==> flow/design.v <==
module alu_selector (clk, i_rst_n, data_i, choose_i, z_o_o);
    parameter XLEN = 4;
    parameter NIN = 10;
    input clk;
    input i_rst_n;
    input [NIN*XLEN-1:0] data_i;
    input [NIN-1:0] choose_i;
    output reg [XLEN-1:0] z_o_o;
    reg [NIN*XLEN-1:0] data_ff;
    reg [NIN-1:0] choose_ff;
    reg [XLEN-1:0] val;
    integer t;
    always @* begin
        val = 0;
        for (t = NIN-1; t >= 0; t = t - 1)
            if (choose_ff[t]) val = data_ff[t*XLEN +: XLEN];
    end
    always @(posedge clk or negedge i_rst_n) begin
        if (~i_rst_n) begin
            data_ff <= 0;
            choose_ff <= 0;
            z_o_o <= 0;
        end else begin
            data_ff <= data_i;
            choose_ff <= choose_i;
            z_o_o <= val;
        end
    end
endmodule
* Tool chain data of alu_selector
The steps from the RTL of alu_selector to its reports follow in flow order. Lines are those of the file above, counted from 1. Operators: Yosys type, input widths -> output width; for muxes data width and select width s. Not given: n/a
Set-up: top alu_selector, clock port clk, standard-cell library sky130hd, corner tt_025C_1v80

* Word-level counts
Counts by Yosys on the flattened word-level netlist (proc, flatten, opt, wreduce; memories kept). Register bits leave out memories and registers merged into their read ports (data or address); mux counts leave out enables and synchronous resets folded into registers. Print and check cells are left out. Cells with the same type and inputs are merged into one.
Cells by class: add/subtract/negate cells 0, shifts and indexed selects 0, mux-type cells 10, multipliers 0, bitwise gates (word level) 0, div/mod/pow operators 0, equal/unequal tests 0, order comparisons 0, reductions and logical operators 0
Operators with widths (number):
- $mux 4 | 10
Word-level totals: bits in writable memories 0, register bits 54, word-level cells 13, word width x clocked read ports 0, latch bits 0, input bits 52, output and inout port bits 4, memory bits (read-only) 0, memory cells 0

* Longest topological paths
Longest topological path by Yosys (ltp), each cell counted once; first at word level (registers and memories cut), then after technology mapping (sequential cells cut; the memories' decode and read muxes count).
Logic depth: word-level depth 10, ABC_AREA 0, mapped depth 5, depth with buffers taken out 4

* Mapped cells and area
Source: synth_stat.txt of the flow (Yosys; design flattened, memories mapped). It holds for the ABC_AREA given above (unset counts as 0); a run with the other value may have another netlist.
Cells by type:
- sky130_fd_sc_hd__dfrtp_1 | number 54, total area 1.35E+03 um^2
- sky130_fd_sc_hd__a221oi_2 | number 8, total area 120.115 um^2
- sky130_fd_sc_hd__a221o_1 | number 7, total area 70.067 um^2
- sky130_fd_sc_hd__a21oi_1 | number 13, total area 65.062 um^2
- sky130_fd_sc_hd__inv_1 | number 12, total area 45.043 um^2
- sky130_fd_sc_hd__o21ai_0 | number 8, total area 40.038 um^2
- sky130_fd_sc_hd__nand2_1 | number 9, total area 33.782 um^2
- sky130_fd_sc_hd__nand3b_1 | number 4, total area 30.029 um^2
- sky130_fd_sc_hd__nor2b_1 | number 4, total area 25.024 um^2
- sky130_fd_sc_hd__nor2_1 | number 4, total area 15.014 um^2
- sky130_fd_sc_hd__buf_6 | number 1, total area 11.261 um^2
- sky130_fd_sc_hd__nor2b_2 | number 1, total area 8.758 um^2
- sky130_fd_sc_hd__or2_4 | number 1, total area 8.758 um^2
- sky130_fd_sc_hd__buf_1 | number 2, total area 7.507 um^2
- sky130_fd_sc_hd__clkbuf_1 | number 2, total area 7.507 um^2
- sky130_fd_sc_hd__buf_2 | number 1, total area 5.005 um^2
Mapped netlist: chip area (Yosys) 1844.3 um^2, mapped flip-flops 54, standard cells after synthesis 131, buffers 6, area of sequential cells 1351.3 um^2

* Timing after synthesis
OpenSTA on the mapped netlist: ideal clock, no wires. The path of least setup slack (recovery checks aside). Input and output delay are each 20% of the period. Register names are those of the netlist, which keeps one name where synthesis merged equal registers.
Timing after synthesis: path type register to register, from reg (name not given), to reg z_o_o[0], data required time 1.421 ns, clock period 1.55 ns, path buffers 1, launch time at the first pin 0.000 ns, slack 0.308 ns, delay of the path 1.242 ns, data arrival time 1.113 ns, stages on the path 5, setup time 0.129 ns, period reached after synthesis 1.242 ns
"delay of the path" = arrival - input delay + setup time. "stages on the path" counts driving pins, that of a launching flip-flop among them; a cell with two outputs on the path counts twice. "period reached after synthesis" is the clock period less the worst setup slack; recovery checks do not enter. This is arithmetic on one report: input and output delays are still those of the set period (20% each). The rows between start and end are the longest chain of elaborated cells between them; the timing report does not say that the signal goes this way. Where chains are equally long, one stands for them. A line is the first line of the expression or statement that the cell stems from. Yosys adds cells for indexed reads and writes and turns some case tables into memories.
Between the ends, after synthesis: cells stage by stage sky130_fd_sc_hd__dfrtp_1 sky130_fd_sc_hd__buf_1 sky130_fd_sc_hd__a221o_1 sky130_fd_sc_hd__a221oi_2 sky130_fd_sc_hd__a21oi_1, cells in the longest elaborated chain 8, elaborated cells on any way between the ends 8, source lines of those cells 1, classes of those cells mux (8)
RTL lines, path after synthesis:
- from (decl) | RTL line 10
- from (assign) | RTL line 21
- from (assign) | RTL line 25
- $mux 4 x8 | RTL line 16
- to (assign) | RTL line 22 | z_o_o <= 0;
- to (assign) | RTL line 26 | z_o_o <= val;
- to (decl) | RTL line 8 | output reg [XLEN-1:0] z_o_o;

* Worst path after layout
Path of least setup slack in the final report of flow run 1 (OpenROAD, finished layout, wires in). Where an end is a register, its clock arrival counts in the times.
Timing after layout: path type register to register, from reg (name not given), to reg z_o_o[1], clock period 1.41 ns, stages on the path 5, data required time 1.60 ns, data arrival time 1.50 ns, launch time at the first pin 0.30 ns, path buffers 0, slack 0.10 ns, setup time 0.11 ns
The rows between start and end are the longest chain of elaborated cells between them; the timing report does not say that the signal goes this way. Where chains are equally long, one stands for them.
Between the ends, after layout: cells stage by stage sky130_fd_sc_hd__dfrtp_1 sky130_fd_sc_hd__nor2b_4 sky130_fd_sc_hd__a221o_1 sky130_fd_sc_hd__a221oi_2 sky130_fd_sc_hd__a21oi_1, cells in the longest elaborated chain 10, elaborated cells on any way between the ends 10, source lines of those cells 1, classes of those cells mux (10)
RTL lines, path after layout:
- from (decl) | RTL line 10
- from (assign) | RTL line 21
- from (assign) | RTL line 25
- $mux 4 x10 | RTL line 16
- to (assign) | RTL line 22 | z_o_o <= 0;
- to (assign) | RTL line 26 | z_o_o <= val;
- to (decl) | RTL line 8 | output reg [XLEN-1:0] z_o_o;

FLOW RESULTS
============

Record of 3 stored runs of the RTL-to-layout flow on alu_selector, platform sky130hd. The runs are unordered. Constraints: input delay and output delay 20% of the set period each, output load 0.01 pF.
"critical path time" is the time allowed to the run's worst setup path (the clock period less input and output delay, where it has them) less its slack. Clock arrival times count: a late capture clock shortens it, a late launch clock lengthens it.

[flow run 1] flow files
==> flow/run.sh <==
#!/bin/bash
# the make line also repeats the synthesis and layout settings of config.mk as NAME=value (left out here)
make -C /OpenROAD-flow-scripts/flow DESIGN_CONFIG=/design/flow/config.mk WORK_HOME=/design/flow/orfs CLKGATE_MAP_FILE= finish
==> flow/config.mk <==
export PLATFORM = sky130hd
export DESIGN_NAME = alu_selector
export DESIGN_NICKNAME = alu_selector
export VERILOG_FILES = /design/flow/design.v
export SDC_FILE = /design/flow/constraint.sdc
export NUM_CORES = 4
export LEC_CHECK = 0
export CAP_MARGIN = 20
export CELL_PAD_IN_SITES_GLOBAL_PLACEMENT = 1
export CORE_MARGIN = 9
export CORE_UTILIZATION = 20
export CTS_CLUSTER_SIZE = 53
export MIN_ROUTING_LAYER = met2
export SLEW_MARGIN = 5
==> flow/constraint.sdc <==
create_clock -name core_clock -period 1.41 [get_ports {clk}]
set_input_delay 0.2820 -clock core_clock [delete_from_list [all_inputs] [get_ports {clk}]]
set_output_delay 0.2820 -clock core_clock [all_outputs]
set_load 0.01 [all_outputs]

[flow run 1] result: post-synthesis cell area 1844.3 um^2; overall die area 13001.7 um^2; post-layout utilization 0.3; setup slack of the worst path 0.096 ns; summed negative setup slack 0.000 ns; critical path time 1.31 ns; critical path kind register to register

[flow run 2] flow files
==> flow/run.sh <==
#!/bin/bash
# the make line also repeats the synthesis and layout settings of config.mk as NAME=value (left out here)
make -C /OpenROAD-flow-scripts/flow DESIGN_CONFIG=/design/flow/config.mk WORK_HOME=/design/flow/orfs CLKGATE_MAP_FILE= finish
==> flow/config.mk <==
export PLATFORM = sky130hd
export DESIGN_NAME = alu_selector
export DESIGN_NICKNAME = alu_selector
export VERILOG_FILES = /design/flow/design.v
export SDC_FILE = /design/flow/constraint.sdc
export NUM_CORES = 4
export LEC_CHECK = 0
export ABC_AREA = 1
export CAP_MARGIN = 35
export CELL_PAD_IN_SITES_DETAIL_PLACEMENT = 2
export CELL_PAD_IN_SITES_GLOBAL_PLACEMENT = 2
export CORE_MARGIN = 2
export CORE_UTILIZATION = 69
export CTS_CLUSTER_DIAMETER = 391
export GPL_ROUTABILITY_DRIVEN = 1
export MAX_ROUTING_LAYER = met4
export SETUP_SLACK_MARGIN = 0.0
export SLEW_MARGIN = 20
export TNS_END_PERCENT = 25
==> flow/constraint.sdc <==
create_clock -name core_clock -period 1.38 [get_ports {clk}]
set_input_delay 0.2760 -clock core_clock [delete_from_list [all_inputs] [get_ports {clk}]]
set_output_delay 0.2760 -clock core_clock [all_outputs]
set_load 0.01 [all_outputs]

[flow run 2] result: did not finish, placement stopped with GPL-0301

[flow run 3] flow files
==> flow/run.sh <==
#!/bin/bash
# the make line also repeats the synthesis and layout settings of config.mk as NAME=value (left out here)
make -C /OpenROAD-flow-scripts/flow DESIGN_CONFIG=/design/flow/config.mk WORK_HOME=/design/flow/orfs CLKGATE_MAP_FILE= finish
==> flow/config.mk <==
export PLATFORM = sky130hd
export DESIGN_NAME = alu_selector
export DESIGN_NICKNAME = alu_selector
export VERILOG_FILES = /design/flow/design.v
export SDC_FILE = /design/flow/constraint.sdc
export NUM_CORES = 4
export LEC_CHECK = 0
export CAP_MARGIN = 20
export CORE_MARGIN = 2
export CORE_UTILIZATION = 40
export SLEW_MARGIN = 20
==> flow/constraint.sdc <==
create_clock -name core_clock -period 1.55 [get_ports {clk}]
set_input_delay 0.3100 -clock core_clock [delete_from_list [all_inputs] [get_ports {clk}]]
set_output_delay 0.3100 -clock core_clock [all_outputs]
set_load 0.01 [all_outputs]

[flow run 3] result: post-synthesis cell area 1844.3 um^2; overall die area 5169.6 um^2; post-layout utilization 0.58; setup slack of the worst path 0.054 ns; summed negative setup slack 0.000 ns; critical path time 1.19 ns; critical path kind register to output
